==> flow/design.v <==
module ex_diff_unit_rtl (CLK, aresetn, in0, in1, dir, d, co);
   parameter W = 112;
   input CLK;
   input aresetn;
   input signed [W-1:0] in0;
   input signed [W-1:0] in1;
   input dir;
   output [W-1:0] d;
   output co;
   wire [W-1:0] t2;
   assign t2 = in1 ^ {W{dir}};
   wire [W-1:0] t;
   assign t = $unsigned(in0) + t2 + dir;
   reg [W-1:0] r_d;
   always @(posedge CLK or negedge aresetn) begin
      if (~aresetn) begin
         r_d <= 0;
      end else begin
         r_d <= t[W-1:0];
      end
   end
   assign d = r_d;
   reg r_co;
   always @(posedge CLK or negedge aresetn) begin
      if (~aresetn) begin
         r_co <= 1'b0;
      end else begin
         r_co <= (in0[W-1] == t2[W-1]) && (t[W-1] != in0[W-1]);
      end
   end
   assign co = r_co;
endmodule
**Step by step through the tools: ex_diff_unit_rtl**

The steps from the RTL of ex_diff_unit_rtl to its reports follow in flow order.
Lines are those of the file above, counted from 1.
Operators carry their Yosys type and port widths (W data, S select, Z words).
Not given: n/a

- Top: ex_diff_unit_rtl
- Clock port: CLK
- Standard-cell library: sky130hd
- Timing corner: tt_025C_1v80

**Word-level counts**

Counts by Yosys on the flattened word-level netlist (proc, flatten, opt, wreduce; memories kept). Register bits leave out memories and registers merged into their read ports (data or address); mux counts leave out enables and synchronous resets folded into registers. Print and check cells are left out. Cells with the same type and inputs are merged into one.

- Shift-type cells: 0
- Bitwise gates (word level): 1
- $lt $le $gt $ge: 0
- $mul: 0
- Reduce/logical cells: 1
- Equality and inequality tests: 2
- Multiplexer cells: 0
- Div/mod/pow operators: 0
- $add $sub $neg: 2

Operators with widths:

| operator | number |
|---|---|
| $add A112 B1 Y112 | 1 |
| $add A112 B112 Y112 | 1 |
| $xor A112 B112 Y112 | 1 |
| $eq A1 B1 Y1 | 1 |
| $ne A1 B1 Y1 | 1 |
| $logic_and A1 B1 Y1 | 1 |

- Word width x clocked read ports: 0
- ROM bits: 0
- Input bits: 227
- Output and inout port bits: 113
- Word-level cells: 8
- Bits in writable memories: 0
- Latch bits: 0
- Flip-flop bits (word level): 113
- Memories: 0

**Depth**

Depth = most cells in a row (Yosys ltp): at word level without a register or memory, in the mapped netlist without a sequential cell, where the memories' decode and read muxes count.

- Depth in word-level cells: 5
- ABC_AREA: 0
- Gate-level depth with buffers: 17
- Depth with buffers taken out: 14

**After synthesis**

Yosys stat after the flow's synthesis: flattened, memories mapped to cells. It holds for the ABC_AREA given above (unset counts as 0); a run with the other value may have another netlist.

- Chip area (Yosys): 11134.4 sq um
- Mapped flip-flops: 113
- Mapped cells: 1357
- Buffer cells: 63
- Sequential area: 2827.7 sq um

Cell types:

| cell | number | area in all (sq um) |
|---|---|---|
| sky130_fd_sc_hd__dfrtp_1 | 113 | 2.83E+03 |
| sky130_fd_sc_hd__ha_1 | 110 | 1376.32 |
| sky130_fd_sc_hd__xor2_1 | 150 | 1313.76 |
| sky130_fd_sc_hd__a21oi_1 | 158 | 790.758 |
| sky130_fd_sc_hd__xnor2_1 | 69 | 604.33 |
| sky130_fd_sc_hd__o21ai_0 | 98 | 490.47 |
| sky130_fd_sc_hd__nand2_1 | 123 | 461.693 |
| sky130_fd_sc_hd__nor2_1 | 91 | 341.578 |
| sky130_fd_sc_hd__nand4_1 | 50 | 312.8 |
| sky130_fd_sc_hd__a21o_1 | 39 | 292.781 |
| sky130_fd_sc_hd__o21bai_1 | 33 | 247.738 |
| sky130_fd_sc_hd__inv_1 | 38 | 142.637 |
| sky130_fd_sc_hd__nor3_1 | 28 | 140.134 |
| sky130_fd_sc_hd__clkbuf_1 | 37 | 138.883 |
| sky130_fd_sc_hd__o21a_1 | 17 | 127.622 |
| sky130_fd_sc_hd__a21boi_0 | 10 | 75.072 |
| sky130_fd_sc_hd__a31oi_1 | 12 | 75.072 |
| sky130_fd_sc_hd__nor2b_1 | 12 | 75.072 |

Not listed: further types 54, cells in them 169.

**Path before layout**

Source: OpenSTA report_checks on the synthesized netlist (no wires, ideal clock, input and output delay 20% of the period each), path of least setup slack; recovery checks are left aside. Register names are those of the netlist, which keeps one name where synthesis merged equal registers.

- Path type: in2reg
- Start point: in dir
- End point: reg r_d[84]
- Time at the first pin: 1.104 ns
- Setup time: 0.131 ns
- Data required time: 5.389 ns
- Path buffers: 3
- Data arrival time: 4.508 ns
- Slack: 0.881 ns
- Stages on the path: 16
- External input delay: 1.104 ns
- Clock period: 5.52 ns
- Path delay: 3.535 ns
- Synthesis period reached: 4.639 ns

"path delay" is the arrival time less input delay plus setup time.
"stages on the path" counts driving pins, that of a launching flip-flop among them; a cell with two outputs on the path counts twice.
"synthesis period reached" is the clock period less the worst setup slack; recovery checks do not enter. This is arithmetic on one report: input and output delays are still those of the set period (20% each).
Between the ends stands the longest chain of elaborated cells between them, by number of cells; it is not shown to be the way that was timed. Of several equally long chains one is given.
A line is the first line of the expression or statement that the cell stems from. Yosys adds cells for indexed reads and writes and turns some case tables into memories.

- Cells stage by stage: sky130_fd_sc_hd__buf_2 sky130_fd_sc_hd__clkbuf_1 sky130_fd_sc_hd__buf_1 sky130_fd_sc_hd__xor2_1 sky130_fd_sc_hd__ha_1 sky130_fd_sc_hd__nor2b_1 sky130_fd_sc_hd__o2111ai_2 sky130_fd_sc_hd__a211oi_1 sky130_fd_sc_hd__o31ai_2 sky130_fd_sc_hd__a21oi_2 sky130_fd_sc_hd__o32ai_2 sky130_fd_sc_hd__o21ai_2 sky130_fd_sc_hd__a2111oi_4 sky130_fd_sc_hd__nor2_2 sky130_fd_sc_hd__a2111oi_2 sky130_fd_sc_hd__nor3_1
- Cells in the longest elaborated chain: 3
- Elaborated cells on any way between the ends: 3
- Source lines of those cells: 2
- Classes of those cells: add/sub (2); logic (1)

Ends and longest elaborated chain, after synthesis:

| element | line | text |
|---|---|---|
| from (decl) | 7 | `input dir;` |
| $xor A112 B112 Y112 | 11 | `assign t2 = in1 ^ {W{dir}};` |
| $add A112 B112 Y112 | 13 | `assign t = $unsigned(in0) + t2 + dir;` |
| $add A112 B1 Y112 | 13 |  |
| to (assign) | 17 | `r_d <= 0;` |
| to (assign) | 19 | `r_d <= t[W-1:0];` |
| to (decl) | 14 | `reg [W-1:0] r_d;` |

**Worst path after layout**

From the final timing report of job 1: the path of least setup slack in the routed layout; clock arrival at registers is part of the times.

- Path type: in2reg
- Start point: in dir
- End point: reg r_d[104]
- Path buffers: 2
- Data required time: 6.13 ns
- Clock period: 5.75 ns
- External input delay: 1.15 ns
- Data arrival time: 5.12 ns
- Slack: 1.01 ns
- Setup time: 0.07 ns
- Time at the first pin: 1.15 ns
- Stages on the path: 15

Between the ends stands the longest chain of elaborated cells between them, by number of cells; it is not shown to be the way that was timed. Of several equally long chains one is given.

- Cells stage by stage: sky130_fd_sc_hd__buf_6 sky130_fd_sc_hd__buf_4 sky130_fd_sc_hd__xor2_1 sky130_fd_sc_hd__ha_1 sky130_fd_sc_hd__a21oi_1 sky130_fd_sc_hd__o21ai_0 sky130_fd_sc_hd__a21o_1 sky130_fd_sc_hd__a211oi_1 sky130_fd_sc_hd__o2111ai_1 sky130_fd_sc_hd__a41oi_1 sky130_fd_sc_hd__o21ai_1 sky130_fd_sc_hd__a311oi_1 sky130_fd_sc_hd__o21ai_1 sky130_fd_sc_hd__a21boi_0 sky130_fd_sc_hd__xnor2_1
- Cells in the longest elaborated chain: 3
- Elaborated cells on any way between the ends: 3
- Source lines of those cells: 2
- Classes of those cells: add/sub (2); logic (1)

Ends and longest elaborated chain, after layout:

| element | line | text |
|---|---|---|
| from (decl) | 7 | `input dir;` |
| $xor A112 B112 Y112 | 11 | `assign t2 = in1 ^ {W{dir}};` |
| $add A112 B112 Y112 | 13 | `assign t = $unsigned(in0) + t2 + dir;` |
| $add A112 B1 Y112 | 13 |  |
| to (assign) | 17 | `r_d <= 0;` |
| to (assign) | 19 | `r_d <= t[W-1:0];` |
| to (decl) | 14 | `reg [W-1:0] r_d;` |

Lab notebook: ex_diff_unit_rtl

Top module ex_diff_unit_rtl; platform sky130hd; tools Yosys and OpenROAD; 3 stored runs in no particular order. Input and output delays are each 20% of the period that was set; the output load is 0.01 pF.
"period achieved" = clock period - worst setup slack. The figure is calculated, with input and output delays left at 20% of the set period.
"critical path time" means the part of the period allowed to the worst setup path (the constraints hold back 20% at inputs and 20% at outputs) less its slack; where the path has registers, the arrival times of their clocks count too.
"total power after layout": no workload was simulated; the value follows from the tool's default switching activity.
Among the settings, n/a means not set for that run.
Results: n/a = not shown.

| setting or result | job 1 | job 2 | job 3 |
|---|---|---|---|
| period_ns | 5.75 | 5.52 | 3.1 |
| CORE_UTILIZATION | 27 | 40 | 68 |
| SETUP_SLACK_MARGIN | 0.53 | n/a | n/a |
| PLACE_DENSITY_LB_ADDON | 0.23 | n/a | 0.29 |
| TNS_END_PERCENT | 80 | n/a | n/a |
| ABC_AREA | 0 | n/a | n/a |
| CAP_MARGIN | 40 | 20 | 20 |
| MAX_ROUTING_LAYER | met4 | n/a | n/a |
| CORE_MARGIN | 2 | 2 | 2 |
| SLEW_MARGIN | 20 | 20 | 10 |
| HOLD_SLACK_MARGIN | n/a | n/a | -0.06 |
| CELL_PAD_IN_SITES_DETAIL_PLACEMENT | n/a | n/a | 0 |
| GPL_TIMING_DRIVEN | n/a | n/a | 0 |
| CTS_CLUSTER_SIZE | n/a | n/a | 13 |
| CTS_CLUSTER_DIAMETER | n/a | n/a | 262 |
| full die area (sq um) | 42878.0 | 29186.3 | n/a |
| period achieved (ns) | 4.741 | 5.075 | n/a |
| setup slack of the critical path (ns) | 1.009 | 0.445 | n/a |
| critical path time (ns) | 3.59 | 3.97 | n/a |
| type of the worst setup path | in2reg | in2reg | n/a |
| utilization after layout (%) | 38.3 | 55.6 | n/a |
| setup total negative slack (ns) | 0.000 | 0.000 | n/a |
| standard-cell area after routing (sq um) | 15612.5 | 15368.5 | n/a |
| total power after layout (W) | 0.004537 | 0.004724 | n/a |
| Yosys chip area after synthesis (sq um) | 11134.4 | 11134.4 | n/a |

Job 3: unfinished; error FLW-0024 in placement
